==> flow/design.v <==
module times_mod #(
  parameter DWIDTH = 12,
  parameter SCALE = 683,
  parameter OUT_W = DWIDTH + $clog2(SCALE + 1)
) (
  input logic clk,
  input logic [DWIDTH-1:0] x,
  output logic [OUT_W-1:0] result
);
  logic [DWIDTH-1:0] x_d1;
  always_ff @(posedge clk) begin
    x_d1 <= x;
  end
  logic [OUT_W-1:0] tmp;
  always_comb begin
    tmp = '0;
    for (int n = 0; n < OUT_W - DWIDTH; n++)
      if ((SCALE >> n) & 1) tmp = tmp + (x_d1 << n);
  end
  assign result = tmp;
endmodule
Reports on times_mod
The steps from the RTL of times_mod to its reports follow in flow order.
Line numbers count from 1 in the design file above.
Operators carry their Yosys type and port widths (W data, S select, Z words).
Library cell names are shortened.
{ "setup": {"top": "times_mod", "clock_port": "clk", "library": "sky130hd", "corner": "tt_025C_1v80"} }

After elaboration
Source: Yosys, flattened and elaborated, memories not mapped. Widths are those after wreduce; folded enables and synchronous resets count as part of the registers. Registers that Yosys merges into a memory's read port (data or address) are not register bits. Print and check cells do not count. Equal cells are merged and count once.
{ "bits": {"wordCells": 6, "inputBits": 13, "output_inout_bits": 22, "ff_bits": 12} }
{ "classes": {"addsub": 5} }
{ "op_table": {"columns": ["op", "n"], "rows": [
  ["$add A20 B21 Y22", 1],
  ["$add A18 B19 Y20", 1],
  ["$add A16 B17 Y18", 1],
  ["$add A14 B15 Y16", 1],
  ["$add A12 B13 Y14", 1]
]} }

Logic depth
Longest topological path by Yosys (ltp), each cell counted once; first at word level (registers and memories cut), then after technology mapping (sequential cells cut; the memories' decode and read muxes count).
{ "logic_depth": {"word_depth": 5, "abc_area": 0, "ltp_mapped": 15, "mapped_depth_nobuf": 14} }

Synthesis result
Yosys stat after the flow's synthesis: flattened, memories mapped to cells. It holds for the ABC_AREA given above (unset counts as 0); a run with the other value may have another netlist.
{ "synth_totals": {"ff_cells": 12, "buffers": 4, "seq_area_um2": 240.2, "area_um2": 2164.6, "cell_count": 223} }
{ "by_type": {"columns": ["cell", "n", "type_area_um2"], "rows": [
  ["fa_1", 30, 600.576],
  ["ha_1", 43, 538.016],
  ["dfxtp_1", 12, 240.23],
  ["inv_1", 50, 187.68],
  ["a21o_1", 10, 75.072],
  ["a21oi_1", 14, 70.067],
  ["xnor2_1", 8, 70.067],
  ["xor2_1", 6, 52.55],
  ["nand2_1", 7, 26.275],
  ["nor2_1", 6, 22.522],
  ["a31oi_4", 1, 21.27],
  ["o21ai_0", 4, 20.019],
  ["and4_1", 2, 17.517],
  ["o41ai_1", 2, 17.517],
  ["a221oi_2", 1, 15.014],
  ["nand3_1", 3, 15.014],
  ["a31oi_1", 2, 12.512],
  ["o31ai_2", 1, 12.512]
]} }
Other cell types: 18; their cells: 21.

Path before layout
OpenSTA on the mapped netlist: ideal clock, no wires. The path of least setup slack (recovery checks aside). Input and output delay are each 20% of the period. Register names are those of the netlist, which keeps one name where synthesis merged equal registers.
{ "synth_timing": {"path_type": "flip-flop to output port", "start": "register x_d1[2]", "end": "output port result[20]", "output_delay_ns": 1.184, "path_delay_ns": 3.789, "period_ns": 5.92, "t_arrival_ns": 3.789, "required_ns": 4.736, "slack_ns": 0.947, "n_path_buf": 0, "driving_pins": 13, "launch_ns": 0.000, "period_less_setup_slack_ns": 4.973} }
"path_delay_ns" = arrival - input delay + setup time.
At an output port there is no setup time.
"driving_pins": output pins that drive a net of the path, with the launching flip-flop's if there is one; two outputs of one cell count as two.
"period_less_setup_slack_ns" is the clock period less the worst setup slack; recovery checks do not enter. This is arithmetic on one report: input and output delays are still those of the set period (20% each).
Between the ends stands the longest chain of elaborated cells between them, by number of cells; it is not shown to be the way that was timed. Of several equally long chains one is given.
Each line given opens the expression or statement behind the cell; cells for indexed reads and writes are added by Yosys, which also makes memories of some case tables.
{ "synth_via": {"cell_sequence": "dfxtp_1 inv_1 fa_1 fa_1 fa_1 inv_1 ha_1 and3_2 a221o_2 a31oi_4 o31ai_2 a221oi_2 xnor2_1", "elab_chain_len": 5, "cells_between": 5, "lines_between": 1, "classes_between": "add/sub: 5"} }
{ "synth_rtl": {"columns": ["item", "line_no", "rtl"], "rows": [
  ["start: declaration", 10, "logic [DWIDTH-1:0] x_d1;"],
  ["start: assignment", 12, "x_d1 <= x;"],
  ["$add A12 B13 Y14", 18, "if ((SCALE >> n) & 1) tmp = tmp + (x_d1 << n);"],
  ["$add A14 B15 Y16", 18, null],
  ["$add A16 B17 Y18", 18, null],
  ["$add A18 B19 Y20", 18, null],
  ["$add A20 B21 Y22", 18, null],
  ["end: declaration", 8, "output logic [OUT_W-1:0] result"]
]} }

Worst path after layout
Path of least setup slack in the final report of flow run 1 (OpenROAD, finished layout, wires in). Where an end is a register, its clock arrival counts in the times.
{ "layout_timing": {"path_type": "flip-flop to output port", "start": "register x_d1[1]", "end": "output port result[20]", "slack_ns": 1.38, "period_ns": 7.63, "launch_ns": 0.23, "required_ns": 6.10, "t_arrival_ns": 4.72, "output_delay_ns": 1.53, "n_path_buf": 1, "driving_pins": 14} }
Between the ends stands the longest chain of elaborated cells between them, by number of cells; it is not shown to be the way that was timed. Of several equally long chains one is given.
{ "layout_via": {"cell_sequence": "dfxtp_1 fa_1 inv_1 fa_1 inv_1 fa_1 ha_1 a21o_1 a221o_2 a31oi_4 o31ai_2 a221oi_2 xnor2_1 clkdlybuf4s50_1", "elab_chain_len": 5, "cells_between": 5, "lines_between": 1, "classes_between": "add/sub: 5"} }
{ "layout_rtl": {"columns": ["item", "line_no", "rtl"], "rows": [
  ["start: declaration", 10, "logic [DWIDTH-1:0] x_d1;"],
  ["start: assignment", 12, "x_d1 <= x;"],
  ["$add A12 B13 Y14", 18, "if ((SCALE >> n) & 1) tmp = tmp + (x_d1 << n);"],
  ["$add A14 B15 Y16", 18, null],
  ["$add A16 B17 Y18", 18, null],
  ["$add A18 B19 Y20", 18, null],
  ["$add A20 B21 Y22", 18, null],
  ["end: declaration", 8, "output logic [OUT_W-1:0] result"]
]} }

Subject: flow runs of times_mod

Hi,

Measured data: module times_mod, platform sky130hd, 3 stored runs of the flow under differing settings, order arbitrary. Input and output delays are each 20% of the period that was set; the output load is 0.01 pF.
"achieved clock period (ns)" means the clock period less the worst setup slack. The figure is calculated, with input and output delays left at 20% of the set period.
By "worst setup path time (ns)" is meant the share of the clock period that the worst setup path is allowed (20% is reserved at inputs, 20% at outputs), minus its slack. Clock arrival times at its registers enter into it.
"finish__power__total": no workload was simulated; the value follows from the tool's default switching activity.

settings of flow run 1
{
  "period_ns": 7.63,
  "CORE_UTILIZATION": 43,
  "CORE_MARGIN": 2,
  "TNS_END_PERCENT": 100,
  "CTS_CLUSTER_DIAMETER": 243,
  "CAP_MARGIN": 40,
  "MAX_ROUTING_LAYER": "met5",
  "SLEW_MARGIN": 20
}
report of flow run 1
yosys chip area after synthesis (um^2): 2164.6
finish__design__die__area: 5617.5
finish__design__instance__area__stdcell: 2625.0
finish__design__instance__utilization: 0.5485
finish__timing__setup__ws: 1.381
finish__timing__setup__tns: 0.000
finish__timing__hold__ws: 1.735
finish__power__total: 9.115e-04
achieved clock period (ns): 6.249
worst setup path time (ns): 4.72
worst setup path kind: flip-flop to output port

settings of flow run 2
{
  "period_ns": 3.58,
  "CORE_UTILIZATION": 72,
  "PLACE_DENSITY_LB_ADDON": 0.17,
  "CORE_ASPECT_RATIO": 1.81,
  "CORE_MARGIN": 4,
  "CELL_PAD_IN_SITES_DETAIL_PLACEMENT": 1,
  "TNS_END_PERCENT": 55,
  "GPL_TIMING_DRIVEN": 1,
  "SLEW_MARGIN": 35,
  "MAX_ROUTING_LAYER": "met4",
  "CAP_MARGIN": 20
}
report of flow run 2: did not finish, place, DPL-0038

settings of flow run 3
{
  "period_ns": 5.92,
  "CAP_MARGIN": 20,
  "CORE_MARGIN": 2,
  "CORE_UTILIZATION": 40,
  "SLEW_MARGIN": 20
}
report of flow run 3
yosys chip area after synthesis (um^2): 2164.6
finish__design__die__area: 6015.6
finish__design__instance__area__stdcell: 2682.6
finish__design__instance__utilization: 0.5186
finish__timing__setup__ws: 0.241
finish__timing__setup__tns: 0.000
finish__timing__hold__ws: 1.392
finish__power__total: 1.182e-03
achieved clock period (ns): 5.679
worst setup path time (ns): 4.50
worst setup path kind: flip-flop to output port

Regards
